==> flow/design.v <==
module my_alu_arith #(
  parameter int DW = 16
) (
  input logic clk,
  input logic rst_n,
  input logic [DW-1:0] src1,
  input logic [DW-1:0] src2,
  output logic [DW-1:0] diff
);
  logic [DW-1:0] src1_d1;
  always_ff @(posedge clk) begin
    if (~rst_n) begin
      src1_d1 <= 0;
    end else begin
      src1_d1 <= src1;
    end
  end
  logic [DW-1:0] src2_d1;
  always_ff @(posedge clk) begin
    if (~rst_n) begin
      src2_d1 <= 0;
    end else begin
      src2_d1 <= src2;
    end
  end
  logic [DW:0] val;
  assign val = src1_d1 - src2_d1;
  assign diff = val[DW] ? {DW{1'b0}} : val[DW-1:0];
endmodule
Reports on my_alu_arith
The steps from the RTL of my_alu_arith to its reports follow in flow order.
Line numbers count from 1 in the design file above.
Library cell names are shortened.
{"block": "inputs", "top": "my_alu_arith", "clock_port": "clk", "lib": "sky130hd", "corner": "tt_025C_1v80"}

Word level
Counts by Yosys on the flattened word-level netlist (proc, flatten, opt, wreduce; memories kept). Register bits leave out memories and registers merged into their read ports (data or address); mux counts leave out enables and synchronous resets folded into registers. Print and check cells are left out. Cells with the same type and inputs are merged into one.
{"block": "bits", "register_bits": 32, "out_inout_bits": 16, "wordCells": 4}
{"block": "op_classes", "muxes": 1, "n_addsub": 1}
{"block": "ops", "cell": "subtractor 16 x 16 -> 17 bit", "n": 1}
{"block": "ops", "cell": "2-to-1 mux 16 bit", "n": 1}

Depth
Yosys ltp: most cells in a row. Word level: on the elaborated netlist, between registers, memories and ports. Mapped: between sequential cells and ports; inverters and the memories' decode and read muxes count.
{"block": "logic_depth", "depth_word": 2, "ABC_AREA": 0, "ltp_mapped": 9, "depth_no_buf": 9}

Netlist
Yosys stat after the flow's synthesis: flattened, memories mapped to cells. It holds for the ABC_AREA given above (unset counts as 0); a run with the other value may have another netlist.
Totals and module areas in this step are rounded.
{"block": "mapped", "seq_area_um2": 640.6, "ff_cells": 32, "synth_area_um2": 1857, "buf_cells": 5, "cell_count": 211}
{"block": "types", "cell": "dfxtp_1", "n": 32}
{"block": "types", "cell": "ha_1", "n": 17}
{"block": "types", "cell": "and2_1", "n": 33}
{"block": "types", "cell": "inv_1", "n": 23}
{"block": "types", "cell": "nor2_1", "n": 17}
{"block": "types", "cell": "a21oi_1", "n": 9}
{"block": "types", "cell": "xnor2_1", "n": 4}
{"block": "types", "cell": "nand2_1", "n": 8}
{"block": "types", "cell": "nor3_1", "n": 5}
{"block": "types", "cell": "o21ai_0", "n": 5}
{"block": "types", "cell": "o21a_1", "n": 3}
{"block": "types", "cell": "o31ai_4", "n": 1}
{"block": "types", "cell": "fa_1", "n": 1}
{"block": "types", "cell": "mux2i_1", "n": 2}
{"block": "types", "cell": "nor3_2", "n": 2}
{"block": "types", "cell": "a31oi_1", "n": 3}
{"block": "types", "cell": "nand2b_1", "n": 3}
{"block": "types", "cell": "o21bai_4", "n": 1}
Not listed: further types 30, cells in them 42.

Path before layout
OpenSTA on the mapped netlist: ideal clock, no wires. The path of least setup slack (recovery checks aside). Input and output delay are each 20% of the period. Register names are those of the netlist, which keeps one name where synthesis merged equal registers.
{"block": "synth_path", "path_kind": "reg-to-output", "start": "register src1_d1[0]", "end": "output diff[5]", "output_delay_ns": 0.628, "arrival_ns": 2.009, "t_first_pin_ns": 0.000, "path_stages": 9, "path_slack_ns": 0.503, "tclk_ns": 3.14, "path_buffers": 0, "path_delay_ns": 2.009, "synth_period_reached_ns": 2.637}
"path_delay_ns" is the arrival time less input delay plus setup time.
At an output port there is no setup time.
"path_stages" counts driving pins, that of a launching flip-flop among them; a cell with two outputs on the path counts twice.
"synth_period_reached_ns" is the clock period less the worst setup slack; recovery checks do not enter. This is arithmetic on one report: input and output delays are still those of the set period (20% each).
Between the ends stands the longest chain of elaborated cells between them, by number of cells; it is not shown to be the way that was timed. Of several equally long chains one is given.
Each line given opens the expression or statement behind the cell; cells for indexed reads and writes are added by Yosys, which also makes memories of some case tables.
{"block": "synth_via", "cell_sequence": "dfxtp_1 > inv_1 > ha_1 > fa_1 > nor2b_4 > o31a_1 > o31ai_4 > and2_1 > nor4b_1", "elab_chain_len": 2, "cone_cells": 2}
{"block": "synth_rtl", "element": "start, declared", "line": 10, "text": "logic [DW-1:0] src1_d1;"}
{"block": "synth_rtl", "element": "start, assigned", "line": 13, "text": "src1_d1 <= 0;"}
{"block": "synth_rtl", "element": "start, assigned", "line": 15, "text": "src1_d1 <= src1;"}
{"block": "synth_rtl", "element": "subtractor 16 x 16 -> 17 bit", "line": 27, "text": "assign val = src1_d1 - src2_d1;"}
{"block": "synth_rtl", "element": "2-to-1 mux 16 bit", "line": 28, "text": "assign diff = val[DW] ? {DW{1'b0}} : val[DW-1:0];"}
{"block": "synth_rtl", "element": "end, declared", "line": 8, "text": "output logic [DW-1:0] diff"}

Worst path after layout
Path of least setup slack in the final report of flow run 2 (OpenROAD, finished layout, wires in). Where an end is a register, its clock arrival counts in the times.
{"block": "layout_path", "path_kind": "reg-to-output", "start": "register src1_d1[0]", "end": "output diff[4]", "path_slack_ns": 0.06, "t_first_pin_ns": 0.27, "tclk_ns": 3.14, "path_buffers": 2, "output_delay_ns": 0.63, "arrival_ns": 2.45, "path_stages": 11}
Between the ends stands the longest chain of elaborated cells between them, by number of cells; it is not shown to be the way that was timed. Of several equally long chains one is given.
{"block": "layout_via", "cell_sequence": "dfxtp_1 > inv_2 > ha_2 > fa_2 > nor2b_4 > o31a_1 > o31ai_4 > a21o_4 > buf_4 > a211oi_2 > buf_2", "elab_chain_len": 2, "cone_cells": 2}
{"block": "layout_rtl", "element": "start, declared", "line": 10, "text": "logic [DW-1:0] src1_d1;"}
{"block": "layout_rtl", "element": "start, assigned", "line": 13, "text": "src1_d1 <= 0;"}
{"block": "layout_rtl", "element": "start, assigned", "line": 15, "text": "src1_d1 <= src1;"}
{"block": "layout_rtl", "element": "subtractor 16 x 16 -> 17 bit", "line": 27, "text": "assign val = src1_d1 - src2_d1;"}
{"block": "layout_rtl", "element": "2-to-1 mux 16 bit", "line": 28, "text": "assign diff = val[DW] ? {DW{1'b0}} : val[DW-1:0];"}
{"block": "layout_rtl", "element": "end, declared", "line": 8, "text": "output logic [DW-1:0] diff"}

Subject: my_alu_arith on sky130hd, stored results

Hello all,

3 stored runs of my_alu_arith in the flow (synthesis by Yosys, layout by OpenROAD, sky130hd cells), in arbitrary order. Constraints: input delay and output delay 20% of the set period each, output load 0.01 pF.
"timing.achieved_period_ns" means the clock period less the worst setup slack. The figure is calculated, with input and output delays left at 20% of the set period.
By "timing.worst_path_ns" is meant the share of the clock period that the worst setup path is allowed (20% is reserved at inputs, 20% at outputs), minus its slack. Clock arrival times at its registers enter into it.
"power.total_mw" is the tool's figure for a default switching activity; nothing was simulated.
The results are shown rounded.

{"run": "flow run 1", "settings": { "period_ns": 2.14, "CORE_UTILIZATION": 64, "PLACE_DENSITY": 0.81, "CORE_ASPECT_RATIO": 0.8, "CORE_MARGIN": 4, "CELL_PAD_IN_SITES_DETAIL_PLACEMENT": 0, "TNS_END_PERCENT": 55, "ABC_AREA": 0, "GPL_ROUTABILITY_DRIVEN": 0, "CTS_CLUSTER_DIAMETER": 208, "SLEW_MARGIN": 25, "MAX_ROUTING_LAYER": "met5", "CAP_MARGIN": 20 }, "outcome": "unfinished; error DPL-0038 in clock tree synthesis"}
{"run": "flow run 2", "settings": { "period_ns": 3.14, "CAP_MARGIN": 20, "CORE_MARGIN": 2, "CORE_UTILIZATION": 40, "SLEW_MARGIN": 20 }, "results": { "synthesis_area_um2": 1857, "die_footprint_um2": 5203, "final_cell_area_um2": 2641, "finish.utilization_pct": 59.8, "ws_setup_ns": 0.058, "setup_tns_ns": 0.000, "hold_worst_slack_ns": 0.900, "power.total_mw": 1.262, "timing.achieved_period_ns": 3.082, "timing.worst_path_ns": 2.45, "path_kind": "reg-to-output" }}
{"run": "flow run 3", "settings": { "period_ns": 4.37, "CORE_UTILIZATION": 20, "SETUP_SLACK_MARGIN": -0.37, "PLACE_DENSITY_LB_ADDON": 0.03, "CORE_ASPECT_RATIO": 0.54, "CELL_PAD_IN_SITES_GLOBAL_PLACEMENT": 0, "CELL_PAD_IN_SITES_DETAIL_PLACEMENT": 2, "CTS_CLUSTER_DIAMETER": 113, "CAP_MARGIN": 0, "SLEW_MARGIN": 15, "MIN_ROUTING_LAYER": "met2", "MAX_ROUTING_LAYER": "met4", "CORE_MARGIN": 2 }, "results": { "synthesis_area_um2": 1857, "die_footprint_um2": 10110, "final_cell_area_um2": 2619, "finish.utilization_pct": 29.5, "ws_setup_ns": 0.499, "setup_tns_ns": 0.000, "hold_worst_slack_ns": 1.111, "power.total_mw": 0.9664, "timing.achieved_period_ns": 3.871, "timing.worst_path_ns": 3.00, "path_kind": "reg-to-output" }}

Thanks
